==> flow/design.v <==
module dp_times_n (ck, RST, clk_en, i_u, o_prod);
  parameter XLEN = 48;
  parameter SCALE = 365;
  localparam OUT_W = XLEN + $clog2(SCALE + 1);
  input ck;
  input RST;
  input clk_en;
  input [XLEN-1:0] i_u;
  output [OUT_W-1:0] o_prod;
  reg [OUT_W-1:0] prod_r;
  always @(posedge ck) begin
    if (RST) begin
      prod_r <= 0;
    end else if (clk_en) begin
      prod_r <= i_u * SCALE;
    end
  end
  assign o_prod = prod_r;
endmodule
From RTL to reports: dp_times_n

Tool output for the design above, in the order of the flow.
Lines are those of the file above, counted from 1.
A cell with -- has no value.

Top: dp_times_n
Clock port: ck
Cell library: sky130hd
Corner: tt_025C_1v80

Word level

Yosys after proc, flatten, opt, wreduce and memory -nomap, before mapping. Enables and synchronous resets that opt folds into registers are not counted as muxes. Memory bits, and registers merged into a memory's read port (data or address), are not among the register bits. Print and check cells are not counted. Equal cells are merged and count once.

Register bits: 57
Latch bits: 0
Bits in writable memories: 0
Memory bits (read-only): 0
Word width x clocked read ports: 0
Memory cells: 0
Bits of input ports: 51
Output and inout bits: 57
Word-level cells: 2

Add/sub/neg operators: 0
Multiply operators: 1
Div/mod/pow operators: 0
Magnitude comparators: 0
Equal/unequal tests: 0
Shift operators: 0
Mux-type cells: 0
Bitwise logic cells: 0
Reductions and logical operators: 0

Operators with widths:

| kind                                                                  | count |
| 48-bit by 9-bit multiplier with 57-bit output (second input constant) | 1 |

Logic depth

Depth = most cells in a row (Yosys ltp): at word level without a register or memory, in the mapped netlist without a sequential cell, where the memories' decode and read muxes count.

Word-level depth: 1
ABC_AREA: 0
Gate-level depth with buffers: 21
Depth with buffers taken out: 19

Synthesis result

Yosys stat after the flow's synthesis: flattened, memories mapped to cells. It holds for the ABC_AREA given above (unset counts as 0); a run with the other value may have another netlist.
The area totals of this step are shown rounded.

Cells by type:

| cell type                 | count | total area (um^2) |
| sky130_fd_sc_hd__fa_1     | 150   | 3002.88 |
| sky130_fd_sc_hd__ha_1     | 135   | 1689.12 |
| sky130_fd_sc_hd__dfxtp_1  | 57    | 1.14E+03 |
| sky130_fd_sc_hd__inv_1    | 254   | 953.414 |
| sky130_fd_sc_hd__xnor2_1  | 50    | 437.92 |
| sky130_fd_sc_hd__a21oi_1  | 69    | 345.331 |
| sky130_fd_sc_hd__xor2_1   | 39    | 341.578 |
| sky130_fd_sc_hd__a21o_1   | 41    | 307.795 |
| sky130_fd_sc_hd__mux2i_1  | 30    | 300.288 |
| sky130_fd_sc_hd__nand2_1  | 69    | 258.998 |
| sky130_fd_sc_hd__nor2_1   | 69    | 258.998 |
| sky130_fd_sc_hd__o21ai_0  | 35    | 175.168 |
| sky130_fd_sc_hd__nor2b_1  | 23    | 143.888 |
| sky130_fd_sc_hd__clkbuf_1 | 30    | 112.608 |
| sky130_fd_sc_hd__o21bai_1 | 11    | 82.579 |
| sky130_fd_sc_hd__a22o_1   | 8     | 70.067 |
| sky130_fd_sc_hd__o21ai_1  | 14    | 70.067 |
| sky130_fd_sc_hd__nand3_1  | 13    | 65.062 |

Other cell types: 53; their cells: 131.

Cell count: 1228
Mapped area: 11000 um^2
Sequential area: 1100 um^2
Mapped flip-flops: 57
Buffers: 42

Timing after synthesis

OpenSTA on the mapped netlist: ideal clock, no wires. The path of least setup slack (recovery checks aside). Input and output delay are each 20% of the period. Register names are those of the netlist, which keeps one name where synthesis merged equal registers.

Kind: input to register
From: input i_u[20]
To: register prod_r[41]
Clock period: 6920 ps
Input delay: 1384 ps
Library setup time: 127 ps
Launch time at the first pin: 1384 ps
Arrival time: 5687 ps
Required time: 6793 ps
Slack: 1105 ps
Path delay: 4430 ps
Stages on the path: 20
Buffers on the path: 1
Synthesis period reached: 5815 ps

"path delay" is the arrival time less input delay plus setup time.
"stages on the path": output pins that drive a net of the path, with the launching flip-flop's if there is one; two outputs of one cell count as two.
"synthesis period reached" = period - worst setup slack (recovery checks aside). The figure is calculated, with input and output delays left at 20% of the set period.
The rows between start and end are the longest chain of elaborated cells between them; the timing report does not say that the signal goes this way. Where chains are equally long, one stands for them.
Each line given opens the expression or statement behind the cell; cells for indexed reads and writes are added by Yosys, which also makes memories of some case tables.

Cells stage by stage: sky130_fd_sc_hd__ha_1 sky130_fd_sc_hd__inv_1 sky130_fd_sc_hd__fa_1 sky130_fd_sc_hd__inv_1 sky130_fd_sc_hd__fa_1 sky130_fd_sc_hd__inv_1 sky130_fd_sc_hd__fa_1 sky130_fd_sc_hd__inv_1 sky130_fd_sc_hd__ha_1 sky130_fd_sc_hd__buf_6 sky130_fd_sc_hd__a21o_1 sky130_fd_sc_hd__a21o_1 sky130_fd_sc_hd__a21o_1 sky130_fd_sc_hd__a221o_1 sky130_fd_sc_hd__a221o_1 sky130_fd_sc_hd__a41oi_2 sky130_fd_sc_hd__o211ai_2 sky130_fd_sc_hd__o41ai_2 sky130_fd_sc_hd__xor2_1 sky130_fd_sc_hd__o21ai_1
Cells in the longest elaborated chain: 1
Elaborated cells on any way between the ends: 1
Source lines of those cells: 1
Classes of those cells: 1 x mul

Ends and longest elaborated chain, post-synthesis:

| item                                          | RTL line | RTL |
| from (decl)                                   | 8        | `input [XLEN-1:0] i_u;` |
| 48-bit by 9-bit multiplier with 57-bit output | 15       | `prod_r <= i_u * SCALE;` |
| to (assign)                                   | 13       | `prod_r <= 0;` |
| to (assign)                                   | 15       |  |
| to (decl)                                     | 10       | `reg [OUT_W-1:0] prod_r;` |

Timing after layout

From the final timing report of run A: the path of least setup slack in the routed layout; clock arrival at registers is part of the times.
The path's times are printed in steps of 10 ps; the period is the one set.

Kind: input to register
From: input i_u[20]
To: register prod_r[47]
Clock period: 3420 ps
Input delay: 680 ps
Library setup time: 80 ps
Launch time at the first pin: 680 ps
Arrival time: 5290 ps
Required time: 3670 ps
Slack: -1610 ps
Stages on the path: 20
Buffers on the path: 4

The rows between start and end are the longest chain of elaborated cells between them; the timing report does not say that the signal goes this way. Where chains are equally long, one stands for them.

Cells stage by stage: sky130_fd_sc_hd__buf_8 sky130_fd_sc_hd__buf_6 sky130_fd_sc_hd__ha_4 sky130_fd_sc_hd__inv_4 sky130_fd_sc_hd__buf_12 sky130_fd_sc_hd__fa_1 sky130_fd_sc_hd__inv_2 sky130_fd_sc_hd__fa_1 sky130_fd_sc_hd__fa_1 sky130_fd_sc_hd__ha_4 sky130_fd_sc_hd__nand4_1 sky130_fd_sc_hd__or4_4 sky130_fd_sc_hd__o22ai_4 sky130_fd_sc_hd__nor3_4 sky130_fd_sc_hd__o31ai_4 sky130_fd_sc_hd__a221oi_4 sky130_fd_sc_hd__o21bai_2 sky130_fd_sc_hd__buf_4 sky130_fd_sc_hd__nor2_4 sky130_fd_sc_hd__o31ai_2
Cells in the longest elaborated chain: 1
Elaborated cells on any way between the ends: 1
Source lines of those cells: 1
Classes of those cells: 1 x mul

Ends and longest elaborated chain, after layout:

| item                                          | RTL line | RTL |
| from (decl)                                   | 8        | `input [XLEN-1:0] i_u;` |
| 48-bit by 9-bit multiplier with 57-bit output | 15       | `prod_r <= i_u * SCALE;` |
| to (assign)                                   | 13       | `prod_r <= 0;` |
| to (assign)                                   | 15       |  |
| to (decl)                                     | 10       | `reg [OUT_W-1:0] prod_r;` |

Ticket comment

Settings and measured results of 3 stored flow runs for module dp_times_n (sky130hd), not sorted in any way. The constraints put input and output delay at 20% of the set period each and load the outputs with 0.01 pF.
"clock period reached": clock period set for the run, less the worst setup slack. It is reckoned from that one timing run; input and output delays stay at 20% of the period that was set.
By "worst path time" is meant the share of the clock period that the worst setup path is allowed (20% is reserved at inputs, 20% at outputs), minus its slack. Clock arrival times at its registers enter into it.
"worst path time" is given in steps of 10 ps.
Measured values are rounded.
A setting shown as - is not set for that run.
Among the results, - means that no value is shown for the run.

| name                                    | run A             | run B             | run C |
| period_ns                               | 3.42              | 6.92              | 6.51  |
| CORE_UTILIZATION                        | 57                | 40                | 58    |
| PLACE_DENSITY                           | 0.79              | -                 | 0.8   |
| CELL_PAD_IN_SITES_GLOBAL_PLACEMENT      | 1                 | -                 | 3     |
| TNS_END_PERCENT                         | 30                | -                 | -     |
| ABC_AREA                                | 0                 | -                 | -     |
| GPL_TIMING_DRIVEN                       | 0                 | -                 | -     |
| GPL_ROUTABILITY_DRIVEN                  | 0                 | -                 | 1     |
| CTS_CLUSTER_DIAMETER                    | 319               | -                 | 143   |
| SLEW_MARGIN                             | 10                | 20                | 20    |
| MIN_ROUTING_LAYER                       | met2              | -                 | met1  |
| MAX_ROUTING_LAYER                       | met4              | -                 | -     |
| CAP_MARGIN                              | 20                | 20                | 20    |
| CORE_MARGIN                             | 2                 | 2                 | 7     |
| CTS_CLUSTER_SIZE                        | -                 | -                 | 54    |
| worst hold slack after layout (ps)      | 450               | 460               | -     |
| mapped cell area after synthesis (um^2) | 11000             | 11000             | -     |
| worst path time (ps)                    | 4350              | 4890              | -     |
| critical path type                      | input to register | input to register | -     |
| utilization after routing               | 0.8               | 0.47              | -     |
| standard-cell area after routing (um^2) | 15000             | 13000             | -     |
| clock period reached (ps)               | 5035              | 6273              | -     |
| lowest setup slack (ps)                 | -1600             | 650               | -     |
| total negative setup slack (ps)         | -50000            | 0                 | -     |
| die size (um^2)                         | 20000             | 28000             | -     |

Run C: no final report: placement broke off with GPL-0301
